==> flow/design.v <==
module alu_comparator_rtl #(
  parameter DW = 28
) (
  input clk,
  input aresetn,
  input [DW-1:0] i_a,
  input [DW-1:0] i_b,
  output reg o_a_lt_b,
  output reg o_equal
);
  wire [DW:0] cur;
  assign cur = {1'b0, i_a} - {1'b0, i_b};
  always @(posedge clk) begin
    if (~aresetn) begin
      o_a_lt_b <= 1'b0;
      o_equal <= 1'b0;
    end else begin
      o_a_lt_b <= cur[DW];
      o_equal <= ~|cur[DW-1:0];
    end
  end
endmodule
## Step by step through the tools: alu_comparator_rtl

The steps from the RTL of alu_comparator_rtl to its reports follow in flow order.
Line numbers count from 1 in the design file above.
Cell names lack the library's common part.
Not given: --

| inputs | value |
|---|---|
| top module | alu_comparator_rtl |
| clock | clk |
| standard-cell library | sky130hd |
| timing corner | tt_025C_1v80 |

## Word-level counts

Yosys after proc, flatten, opt, wreduce and memory -nomap, before mapping. Enables and synchronous resets that opt folds into registers are not counted as muxes. Memory bits, and registers merged into a memory's read port (data or address), are not among the register bits. Print and check cells are not counted. Equal cells are merged and count once.

| word-level totals | value |
|---|---|
| cells after elaboration | 5 |
| output and inout bits | 2 |
| input bits | 58 |
| register bits | 2 |

| operators by class | value |
|---|---|
| $add $sub $neg | 1 |
| reduce/logical cells | 2 |

Operator list:

| cell | count |
|---|---|
| subtractor 28 x 28 -> 29 bit | 1 |
| OR reduction 28 bit | 1 |
| logical NOT 1 bit | 1 |

## Longest topological paths

Depth = most cells in a row (Yosys ltp): at word level without a register or memory, in the mapped netlist without a sequential cell, where the memories' decode and read muxes count.

| logic depth | value |
|---|---|
| depth after elaboration | 3 |
| ABC_AREA | 0 |
| gate-level depth with buffers | 12 |
| mapped depth without buffers | 12 |

## Netlist

Source: synth_stat.txt of the flow (Yosys; design flattened, memories mapped). It holds for the ABC_AREA given above (unset counts as 0); a run with the other value may have another netlist.

Cell types:

| type | count | area in all (um^2) |
|---|---|---|
| ha_1 | 28 | 350.336 |
| inv_1 | 36 | 135.13 |
| a21oi_1 | 25 | 125.12 |
| a21o_1 | 15 | 112.608 |
| nor2_1 | 21 | 78.826 |
| nand2_1 | 19 | 71.318 |
| nand4_1 | 10 | 62.56 |
| xor2_1 | 6 | 52.55 |
| nand2b_1 | 7 | 43.792 |
| dfxtp_1 | 2 | 40.038 |
| a211oi_1 | 5 | 37.536 |
| nor2b_1 | 6 | 37.536 |
| o21ai_0 | 7 | 35.034 |
| a31oi_1 | 5 | 31.28 |
| mux2i_1 | 3 | 30.029 |
| nor3_1 | 6 | 30.029 |
| o21ai_1 | 6 | 30.029 |
| a2111oi_4 | 1 | 27.526 |

Not listed: further types 44, cells in them 65.

| mapped netlist | value |
|---|---|
| buffers | 7 |
| area of sequential cells | 40.0 um^2 |
| chip area (Yosys) | 1,906.8 um^2 |
| mapped flip-flops | 2 |
| standard cells after synthesis | 273 |

## Path before layout

Path of least setup slack by OpenSTA after synthesis, without wires, with an ideal clock, recovery checks aside; 20% of the period is set as input and as output delay. Where synthesis merged equal registers, the netlist keeps one of their names.

| timing post-synthesis | value |
|---|---|
| path type | input port to flip-flop |
| from | input i_a[0] |
| to | register o_equal |
| delay of the path | 2.330 ns |
| launch time at the first pin | 0.728 ns |
| buffers on the path | 0 |
| stages on the path | 12 |
| input delay | 0.728 ns |
| setup slack | 0.582 ns |
| setup time | 0.060 ns |
| data required time | 3.580 ns |
| arrival time | 2.998 ns |
| period | 3.64 ns |
| synthesis period reached | 3.058 ns |

"delay of the path" is the arrival time less input delay plus setup time.
"stages on the path" counts driving pins, that of a launching flip-flop among them; a cell with two outputs on the path counts twice.
"synthesis period reached" = period - worst setup slack (recovery checks aside). The figure is calculated, with input and output delays left at 20% of the set period.
Between the ends stands the longest chain of elaborated cells between them, by number of cells; it is not shown to be the way that was timed. Of several equally long chains one is given.
A line is the first line of the expression or statement that the cell stems from. Yosys adds cells for indexed reads and writes and turns some case tables into memories.

| on the way, post-synthesis | value |
|---|---|
| path through | inv_1 -> ha_1 -> fa_1 -> nand2b_1 -> a21oi_1 -> o21ai_1 -> a311oi_2 -> a31oi_1 -> o21ai_1 -> xor2_1 -> nor4_1 -> o2111a_1 |
| length of the longest elaborated chain | 3 |
| elaborated cells between the ends (all ways) | 3 |
| RTL lines with such cells | 2 |
| those cells by class | 1 x add/sub; 2 x reduce/logical |

Ends and longest elaborated chain, post-synthesis:

| item | RTL line | text |
|---|---|---|
| from (decl) | 6 | `input [DW-1:0] i_a,` |
| subtractor 28 x 28 -> 29 bit | 12 | `assign cur = {1'b0, i_a} - {1'b0, i_b};` |
| OR reduction 28 bit | 19 | `o_equal <= ~\|cur[DW-1:0];` |
| logical NOT 1 bit | 19 |  |
| to (assign) | 16 | `o_equal <= 1'b0;` |
| to (assign) | 19 |  |
| to (decl) | 9 | `output reg o_equal` |

## Timing after layout

From the final timing report of flow run C: the path of least setup slack in the routed layout; clock arrival at registers is part of the times.

| timing post-layout | value |
|---|---|
| path type | input port to flip-flop |
| from | input i_a[0] |
| to | register o_equal |
| arrival time | 3.57 ns |
| input delay | 0.73 ns |
| launch time at the first pin | 0.73 ns |
| data required time | 3.79 ns |
| period | 3.64 ns |
| buffers on the path | 2 |
| setup slack | 0.22 ns |
| setup time | 0.06 ns |
| stages on the path | 14 |

Between the ends stands the longest chain of elaborated cells between them, by number of cells; it is not shown to be the way that was timed. Of several equally long chains one is given.

| on the way, post-layout | value |
|---|---|
| path through | clkdlybuf4s50_1 -> inv_1 -> ha_1 -> fa_1 -> nand2b_1 -> a21oi_2 -> o21ai_2 -> a311oi_2 -> buf_4 -> xor2_1 -> nor4_2 -> nand4_1 -> nor3_1 -> o2111a_1 |
| length of the longest elaborated chain | 3 |
| elaborated cells between the ends (all ways) | 3 |
| RTL lines with such cells | 2 |
| those cells by class | 1 x add/sub; 2 x reduce/logical |

Ends and longest elaborated chain, post-layout:

| item | RTL line | text |
|---|---|---|
| from (decl) | 6 | `input [DW-1:0] i_a,` |
| subtractor 28 x 28 -> 29 bit | 12 | `assign cur = {1'b0, i_a} - {1'b0, i_b};` |
| OR reduction 28 bit | 19 | `o_equal <= ~\|cur[DW-1:0];` |
| logical NOT 1 bit | 19 |  |
| to (assign) | 16 | `o_equal <= 1'b0;` |
| to (assign) | 19 |  |
| to (decl) | 9 | `output reg o_equal` |

Record of 3 stored runs of the RTL-to-layout flow on alu_comparator_rtl, platform sky130hd. The runs are unordered. Constraints: input delay and output delay 20% of the set period each, output load 0.01 pF.
"period achieved": clock period set for the run, less the worst setup slack. It is reckoned from that one timing run; input and output delays stay at 20% of the period that was set.
"total design power": no workload was simulated; the value follows from the tool's default switching activity.

#### Flow run A

| setting | value |
|---|---|
| period_ns | `2.44` |
| CORE_UTILIZATION | `44` |
| PLACE_DENSITY | `0.93` |
| CELL_PAD_IN_SITES_GLOBAL_PLACEMENT | `3` |
| GPL_TIMING_DRIVEN | `1` |
| GPL_ROUTABILITY_DRIVEN | `1` |
| CAP_MARGIN | `5` |
| SLEW_MARGIN | `25` |
| MAX_ROUTING_LAYER | `met4` |
| CORE_MARGIN | `2` |

Incomplete, placement halted on GPL-0301.

#### Flow run B

| setting | value |
|---|---|
| period_ns | `2.19` |
| CORE_UTILIZATION | `25` |
| PLACE_DENSITY_LB_ADDON | `0.25` |
| CELL_PAD_IN_SITES_DETAIL_PLACEMENT | `2` |
| GPL_TIMING_DRIVEN | `1` |
| CTS_CLUSTER_DIAMETER | `130` |
| SLEW_MARGIN | `30` |
| MAX_ROUTING_LAYER | `met5` |
| CAP_MARGIN | `20` |
| CORE_MARGIN | `2` |

Incomplete, clock tree synthesis halted on DPL-0033.

#### Flow run C

| setting | value |
|---|---|
| period_ns | `3.64` |
| CAP_MARGIN | `20` |
| CORE_MARGIN | `2` |
| CORE_UTILIZATION | `40` |
| SLEW_MARGIN | `20` |

| result | value |
|---|---|
| total design power | 515.5 µW |
| worst hold slack in the final report | 1.109 ns |
| synthesized cell area | 1,906.8 um^2 |
| worst setup slack after layout | 0.220 ns |
| area of the standard cells in the finished layout | 2,668.8 um^2 |
| sum of negative setup slack | 0.000 ns |
| die footprint | 5,335.6 um^2 |
| period achieved | 3.420 ns |
